==> flow/design.v <==
module u_subtractor_blk #(
  parameter W = 7
) (
  input  logic ck,
  input  logic [W-1:0] arg0,
  input  logic [W-1:0] arg1,
  input  logic mode,
  output logic [W:0] q
);
  always_ff @(posedge ck) begin
    q <= mode ? arg0 - arg1 : arg0 + arg1;
  end
endmodule
Lab notebook: u_subtractor_blk

* Step by step through the tools: u_subtractor_blk *
A sweep over "W": the same steps for each member of the family.
The RTL above is that of W = 7; lines are counted from 1 in the file of the member named.
Library cell names are shortened.
The mark - stands for no value.

design
  top = u_subtractor_blk
  clock = ck
  cell library = sky130hd
  timing corner = tt_025C_1v80

* Source of the members *
Lines of each other member's file that are new or changed against the file above; lines that a member lacks are not shown.

lines new or changed
  W    RTL line  RTL
  20   2         parameter W = 20
  112  2         parameter W = 112

* Word-level counts *
Counts by Yosys on the flattened word-level netlist (proc, flatten, opt, wreduce; memories kept). Register bits leave out memories and registers merged into their read ports (data or address); mux counts leave out enables and synchronous resets folded into registers. Print and check cells are left out. Cells with the same type and inputs are merged into one.

word-level totals
  W    bits in registers  input bits  output and inout port bits  elaborated cells
  7    8                  16          8                           4
  20   21                 42          21                          4
  112  113                226         113                         4

cells by class
  W    muxes and demuxes  $add $sub $neg
  7    1                  2
  20   1                  2
  112  1                  2

operators with widths
  W    kind and count
  7    7-bit by 7-bit adder with 8-bit output: 1; 7-bit by 7-bit subtractor with 8-bit output: 1; 8-bit 2-to-1 mux: 1
  20   20-bit by 20-bit adder with 21-bit output: 1; 20-bit by 20-bit subtractor with 21-bit output: 1; 21-bit 2-to-1 mux: 1
  112  112-bit by 112-bit adder with 113-bit output: 1; 112-bit by 112-bit subtractor with 113-bit output: 1; 113-bit 2-to-1 mux: 1

* Depth *
Yosys ltp: most cells in a row. Word level: on the elaborated netlist, between registers, memories and ports. Mapped: between sequential cells and ports; inverters and the memories' decode and read muxes count.

depth
  W    depth in word-level cells  ABC_AREA  depth in mapped cells  depth with buffers taken out
  7    2                          0         9                      9
  20   2                          0         15                     14
  112  2                          0         26                     24

* Mapped cells and area *
Yosys stat after the flow's synthesis: flattened, memories mapped to cells. It holds for the ABC_AREA given above (unset counts as 0); a run with the other value may have another netlist.

synthesis totals
  W    flip-flop cells  area of sequential cells (µm²)  buffer cells  chip area (Yosys) (µm²)  standard cells after synthesis
  7    8                160.2                           1             583.1                    68
  20   21               420.4                           9             1918.1                   240
  112  113              2262.2                          64            12119.1                  1644

cells by type
  W    type and count
  7    dfxtp_1: 8; ha_1: 8; xnor2_1: 7; nor2_1: 8; a21oi_1: 5; inv_1: 6; fa_1: 1; nor2b_1: 3; xor2_1: 2; nor3_1: 3; o21ai_0: 3; a31oi_1: 2; mux2i_1: 1; or4b_1: 1; o2111ai_1: 1; o31a_1: 1; nand2_1: 2; nand3b_1: 1; (+5)
  20   dfxtp_1: 21; ha_1: 21; xnor2_1: 27; a21oi_1: 21; nor2_1: 26; xor2_1: 8; nand2_1: 17; nor3_1: 10; a21o_1: 6; inv_1: 10; o21ai_0: 7; nand3_1: 6; o21bai_1: 4; a31oi_1: 4; buf_6: 2; clkbuf_1: 6; o21a_1: 3; a31oi_4: 1; (+40)
  112  dfxtp_1: 113; ha_1: 113; xnor2_1: 152; a21oi_1: 206; nor2_1: 171; xor2_1: 66; nand2_1: 134; o21ai_0: 94; a21o_1: 54; o21bai_1: 43; nor3_1: 54; nand4_1: 42; clkbuf_1: 58; o21a_1: 23; inv_1: 43; a31oi_1: 22; nand3_1: 25; nor4_1: 18; (+213)

A list marked (+n) leaves out that many cells.

* Path before layout *
Path of least setup slack by OpenSTA after synthesis, without wires, with an ideal clock, recovery checks aside; 20% of the period is set as input and as output delay. Where synthesis merged equal registers, the netlist keeps one of their names.

timing path after synthesis
  W    path kind  start point          end point        period (ps)  delay of the path (ps)  slack (ps)  stages  synthesis period reached (ps)
  7    in2reg     input port mode      register q[5]    2790         1787                    445         7       2345
  20   in2reg     input port arg1[6]   register q[20]   4340         2779                    693         13      3647
  112  in2reg     input port arg1[42]  register q[105]  7490         4792                    1200        22      6290

"delay of the path" is the arrival time less input delay plus setup time.
"stages": output pins that drive a net of the path, with the launching flip-flop's if there is one; two outputs of one cell count as two.
"synthesis period reached" is the clock period less the worst setup slack; recovery checks do not enter. This is arithmetic on one report: input and output delays are still those of the set period (20% each).
The rows between start and end are the longest chain of elaborated cells between them; the timing report does not say that the signal goes this way. Where chains are equally long, one stands for them.
Each line given opens the expression or statement behind the cell; cells for indexed reads and writes are added by Yosys, which also makes memories of some case tables.

between the ends, after synthesis, W = 7
  cells in the longest elaborated chain = 1

RTL lines, path after synthesis, W = 7
  item                RTL line  RTL
  start: declaration  7         input  logic mode,
  8-bit 2-to-1 mux    11        q <= mode ? arg0 - arg1 : arg0 + arg1;
  end: assignment     11
  end: declaration    8         output logic [W:0] q

between the ends, after synthesis, W = 112
  cells in the longest elaborated chain = 2

RTL lines, path after synthesis, W = 112
  item                                          RTL line  RTL
  start: declaration                            6         input  logic [W-1:0] arg1,
  112-bit by 112-bit adder with 113-bit output  11        q <= mode ? arg0 - arg1 : arg0 + arg1;
  113-bit 2-to-1 mux                            11
  end: assignment                               11
  end: declaration                              8         output logic [W:0] q

* Timing after layout *
From the final timing report of the run of each member: the path of least setup slack in the routed layout; clock arrival at registers is part of the times.
The path's times are printed in steps of 10 ps; the period is the one set.

timing path post-layout
  W    path kind  start point          end point        period (ps)  slack (ps)  stages  path buffers  data arrival time (ps)
  7    in2reg     input port arg1[0]   register q[5]    2790         200         9       1             2760
  20   in2reg     input port arg1[6]   register q[20]   4340         360         13      1             4170
  112  in2reg     input port arg1[18]  register q[112]  7490         380         23      1             7470

* Flow runs *
Settings and results of one run of the flow (Yosys, OpenROAD) for each member follow. The constraints put input and output delay at 20% of the set period each and load the outputs with 0.01 pF.

flow settings
  CAP_MARGIN = 20
  CORE_MARGIN = 2
  CORE_UTILIZATION = 40
  SLEW_MARGIN = 20

settings that differ
  W    period_ns
  7    2.79
  20   4.34
  112  7.49

results
  W    mapped cell area after synthesis (µm²)  total negative slack on setup checks (ps)  post-layout utilization  lowest setup slack (ps)  die outline area (µm²)  worst hold slack after layout (ps)  area of the standard cells in the finished layout (µm²)  power (mW)  period achieved (ps)
  7    583.1                                   0                                          0.677                    200                      1779.2                  945                                 903.4                                                    0.4754      2590
  20   1918.1                                  0                                          0.576                    361                      5364.8                  1233                                2683.8                                                   0.9052      3979
  112  12119.1                                 0                                          0.561                    380                      31705.4                 1762                                16676.0                                                  3.653       7110

By "period achieved" is meant the clock period of the run minus its worst setup slack. This is arithmetic on one report: input and output delays are still those of the set period (20% each).
"power" is the tool's figure for a default switching activity; nothing was simulated.
